==> flow/design.v <==
module mul_core_n #(
    parameter NBITS = 18
) (
    input  wire clk_i,
    input  wire resetn,
    input  wire [NBITS-1:0] x,
    input  wire [NBITS-1:0] y,
    output wire [2*NBITS-1:0] m
);
    reg [NBITS-1:0] x_r;
    always @(posedge clk_i or negedge resetn) begin
        if (~resetn) begin
            x_r <= 0;
        end else begin
            x_r <= x;
        end
    end
    reg [NBITS-1:0] y_r;
    always @(posedge clk_i or negedge resetn) begin
        if (~resetn) begin
            y_r <= 0;
        end else begin
            y_r <= y;
        end
    end
    reg [2*NBITS-1:0] val;
    integer n;
    always @* begin
        val = 0;
        for (n = 0; n < NBITS; n = n + 1)
            if (y_r[n]) val = val + (x_r << n);
    end
    assign m = val;
endmodule
Step by step through the tools: mul_core_n
The steps from the RTL of mul_core_n to its reports follow in flow order.
Lines are those of the file above, counted from 1.
Operators: Yosys type, input widths -> output width; for muxes data width and select width s.
Library cell names are shortened.
The mark n/a stands for no value.

set-up
  design top = mul_core_n
  clock input = clk_i
  cell library = sky130hd
  corner = tt_025C_1v80

After elaboration
Counts by Yosys on the flattened word-level netlist (proc, flatten, opt, wreduce; memories kept). Register bits leave out memories and registers merged into their read ports (data or address); mux counts leave out enables and synchronous resets folded into registers. Print and check cells are left out. Cells with the same type and inputs are merged into one.

storage and ports
  bits in registers = 36
  bits in latches = 0
  memory bits (writable) = 0
  ROM bits = 0
  word width x clocked read ports = 0
  memory cells = 0
  input bits = 38
  output and inout port bits = 36
  elaborated cells = 37

cells by class
  add/subtract/negate cells = 17
  multiply operators = 0
  divide/modulo/power cells = 0
  magnitude comparators = 0
  equal/unequal tests = 0
  shift operators = 0
  multiplexer cells = 18
  bitwise logic cells = 0
  reductions and logical operators = 0

operators by type and width
  kind            number
  $mux 36         17
  $add 36x19->36  1
  $add 36x20->36  1
  $add 36x21->36  1
  $add 36x22->36  1
  $add 36x23->36  1
  $add 36x24->36  1
  $add 36x25->36  1
  $add 36x26->36  1
  $add 36x27->36  1
  $add 36x28->36  1
  $add 36x29->36  1
  $add 36x30->36  1
  $add 36x31->36  1
  $add 36x32->36  1
  $add 36x33->36  1
  $add 36x34->36  1
  $add 36x35->36  1
  $mux 18         1

Longest topological paths
Depth = most cells in a row (Yosys ltp): at word level without a register or memory, in the mapped netlist without a sequential cell, where the memories' decode and read muxes count.

depth
  word-level depth = 35
  ABC_AREA = 0
  mapped depth = 133
  depth with buffers taken out = 131

Synthesis result
The flow's flattened synthesis, as Yosys stat reports it; memories are mapped. The netlist is that of the ABC_AREA named above (0 if unset); the other value can give another one.
Totals and module areas in this step are rounded.

mapped netlist
  cell count = 2748
  mapped area = 19300 sq um
  sequential part of the area = 901 sq um
  mapped flip-flops = 36
  buffers = 86

cells by type
  cell      number  area in all (sq um)
  ha_1      303     3.79E+03
  a21oi_1   244     1.22E+03
  xnor2_1   127     1.11E+03
  nand2_1   292     1.1E+03
  nor2_1    247     927.139
  dfrtp_1   36      900.864
  o21ai_0   166     830.797
  mux2_2    64      720.691
  a21o_1    90      675.648
  xor2_1    71      621.846
  inv_1     148     555.533
  o21a_1    73      548.026
  nand3_1   69      345.331
  fa_1      17      340.326
  nand2b_1  49      306.544
  nor3_1    61      305.293
  a211oi_1  40      300.288
  clkbuf_1  69      258.998

Not listed: further types 81, cells in them 582.

Path before layout
Path of least setup slack by OpenSTA after synthesis, without wires, with an ideal clock, recovery checks aside; 20% of the period is set as input and as output delay. Where synthesis merged equal registers, the netlist keeps one of their names.

timing path after synthesis
  kind = register to output
  start = register y_r[0]
  end = output port m[34]
  period = 34400 ps
  output delay = 6880 ps
  launch time at the first pin = 0 ps
  data arrival time = 22046 ps
  data required time = 27520 ps
  setup slack = 5474 ps
  delay of the path = 22046 ps
  stages = 122
  buffers on the path = 3
  period reached after synthesis = 28926 ps

"delay of the path" is the arrival time less input delay plus setup time.
A path that ends at an output port has no setup time.
"stages" counts driving pins, that of a launching flip-flop among them; a cell with two outputs on the path counts twice.
"period reached after synthesis" is the clock period less the worst setup slack; recovery checks do not enter. This is arithmetic on one report: input and output delays are still those of the set period (20% each).
The rows between start and end are the longest chain of elaborated cells between them; the timing report does not say that the signal goes this way. Where chains are equally long, one stands for them.
A line is the first line of the expression or statement that the cell stems from. Yosys adds cells for indexed reads and writes and turns some case tables into memories.

on the way, after synthesis
  cells stage by stage = dfrtp_1 -> clkbuf_1 -> clkbuf_1 -> and2_1 -> ha_1 -> fa_1 -> o221ai_2 -> a21oi_1 -> nor2_1 -> xnor2_1 -> mux2i_1 -> inv_1 -> ha_1 -> buf_2 -> nand4_1 -> nor3_1 -> o32ai_2 -> xnor2_1 -> (+86 left out) -> nand2_1 -> o31ai_1 -> ha_1 -> or4_1 -> nand2_1 -> nand2_1 -> a41oi_1 -> xor2_1 -> nand2_1 -> o21a_1 -> ha_1 -> a21oi_1 -> o31ai_1 -> a211oi_1 -> o21bai_1 -> a21oi_1 -> xor2_1 -> o21ai_0
  cells in the longest elaborated chain = 35
  elaborated cells on any way between the ends = 35
  source lines of those cells = 1
  classes of those cells = 17 x add/sub; 18 x mux

RTL lines, path after synthesis
  what            line  source
  from (decl)     18    reg [NBITS-1:0] y_r;
  from (assign)   21    y_r <= 0;
  from (assign)   23    y_r <= y;
  $mux 18         31    if (y_r[n]) val = val + (x_r << n);
  $add 36x19->36  31
  $mux 36         31
  $add 36x20->36  31
  $mux 36         31
  $add 36x21->36  31
  $mux 36         31
  (+21 left out)  n/a
  $mux 36         31
  $add 36x33->36  31
  $mux 36         31
  $add 36x34->36  31
  $mux 36         31
  $add 36x35->36  31
  $mux 36         31
  to (decl)       8     output wire [2*NBITS-1:0] m

Worst path after layout
From the final timing report of run 1: the path of least setup slack in the routed layout; clock arrival at registers is part of the times.
The report prints the path's times to 10 ps; the period is as set.

timing path post-layout
  kind = register to output
  start = register x_r[5]
  end = output port m[34]
  period = 34400 ps
  output delay = 6880 ps
  launch time at the first pin = 330 ps
  data arrival time = 25790 ps
  data required time = 27520 ps
  setup slack = 1730 ps
  stages = 119
  buffers on the path = 1

The rows between start and end are the longest chain of elaborated cells between them; the timing report does not say that the signal goes this way. Where chains are equally long, one stands for them.

on the way, post-layout
  cells stage by stage = dfrtp_1 -> ha_1 -> and3_1 -> a31oi_2 -> a21oi_1 -> nor2_1 -> xnor2_1 -> mux2i_1 -> inv_1 -> ha_1 -> a211o_1 -> o32ai_2 -> xnor2_1 -> nand2_1 -> nand2_1 -> ha_1 -> nand2_1 -> nor3_1 -> (+83 left out) -> o31ai_1 -> ha_1 -> or4_1 -> nand2_1 -> nand2_1 -> a41oi_1 -> xor2_1 -> nand2_1 -> o21a_1 -> ha_1 -> a21oi_1 -> o31ai_1 -> a211oi_1 -> o21bai_1 -> a21oi_1 -> xor2_1 -> o21ai_0 -> clkdlybuf4s50_1
  cells in the longest elaborated chain = 35
  elaborated cells on any way between the ends = 35
  source lines of those cells = 1
  classes of those cells = 17 x add/sub; 18 x mux

RTL lines, path post-layout
  what            line  source
  from (decl)     10    reg [NBITS-1:0] x_r;
  from (assign)   13    x_r <= 0;
  from (assign)   15    x_r <= x;
  $mux 18         31    if (y_r[n]) val = val + (x_r << n);
  $add 36x19->36  31
  $mux 36         31
  $add 36x20->36  31
  $mux 36         31
  $add 36x21->36  31
  $mux 36         31
  (+21 left out)  n/a
  $mux 36         31
  $add 36x33->36  31
  $mux 36         31
  $add 36x34->36  31
  $mux 36         31
  $add 36x35->36  31
  $mux 36         31
  to (decl)       8     output wire [2*NBITS-1:0] m

Data sheet: physical implementation of mul_core_n

Measured data: module mul_core_n, platform sky130hd, 3 stored runs of the flow under differing settings, order arbitrary. Input and output delays are each 20% of the period that was set; the output load is 0.01 pF.
"clock period achieved" = clock period - worst setup slack. The figure is calculated, with input and output delays left at 20% of the set period.
"critical path time" means the part of the period allowed to the worst setup path (the constraints hold back 20% at inputs and 20% at outputs) less its slack; where the path has registers, the arrival times of their clocks count too.
"critical path time" is known to 10 ps.
Results are given in rounded form.
Among the settings, . means not set for that run.

setting or result                          run 1               run 2               run 3
period_ns                                  34.4                19.7                44.0
CAP_MARGIN                                 20                  35                  20
CORE_MARGIN                                2                   2                   2
CORE_UTILIZATION                           40                  21                  35
SLEW_MARGIN                                20                  20                  20
PLACE_DENSITY_LB_ADDON                     .                   0.29                0.03
CORE_ASPECT_RATIO                          .                   1.32                1.63
GPL_TIMING_DRIVEN                          .                   0                   .
CTS_CLUSTER_SIZE                           .                   31                  .
SETUP_SLACK_MARGIN                         .                   .                   -2.0
CELL_PAD_IN_SITES_GLOBAL_PLACEMENT         .                   .                   3
CTS_CLUSTER_DIAMETER                       .                   .                   273
MAX_ROUTING_LAYER                          .                   .                   met5
die size (sq um)                           50100               94500               57200
critical path time (ps)                    25790               23080               28850
type of the worst setup path               register to output  register to output  register to output
standard-cell area after routing (sq um)   21100               28800               21100
chip area after synthesis (Yosys) (sq um)  19300               19300               19300
clock period achieved (ps)                 32675               27022               37648
utilization of the finished layout (%)     44.1                31.6                38.5
setup slack of the worst path (ps)         1730                -7320               6350
total negative setup slack (ps)            0                   -114000             0
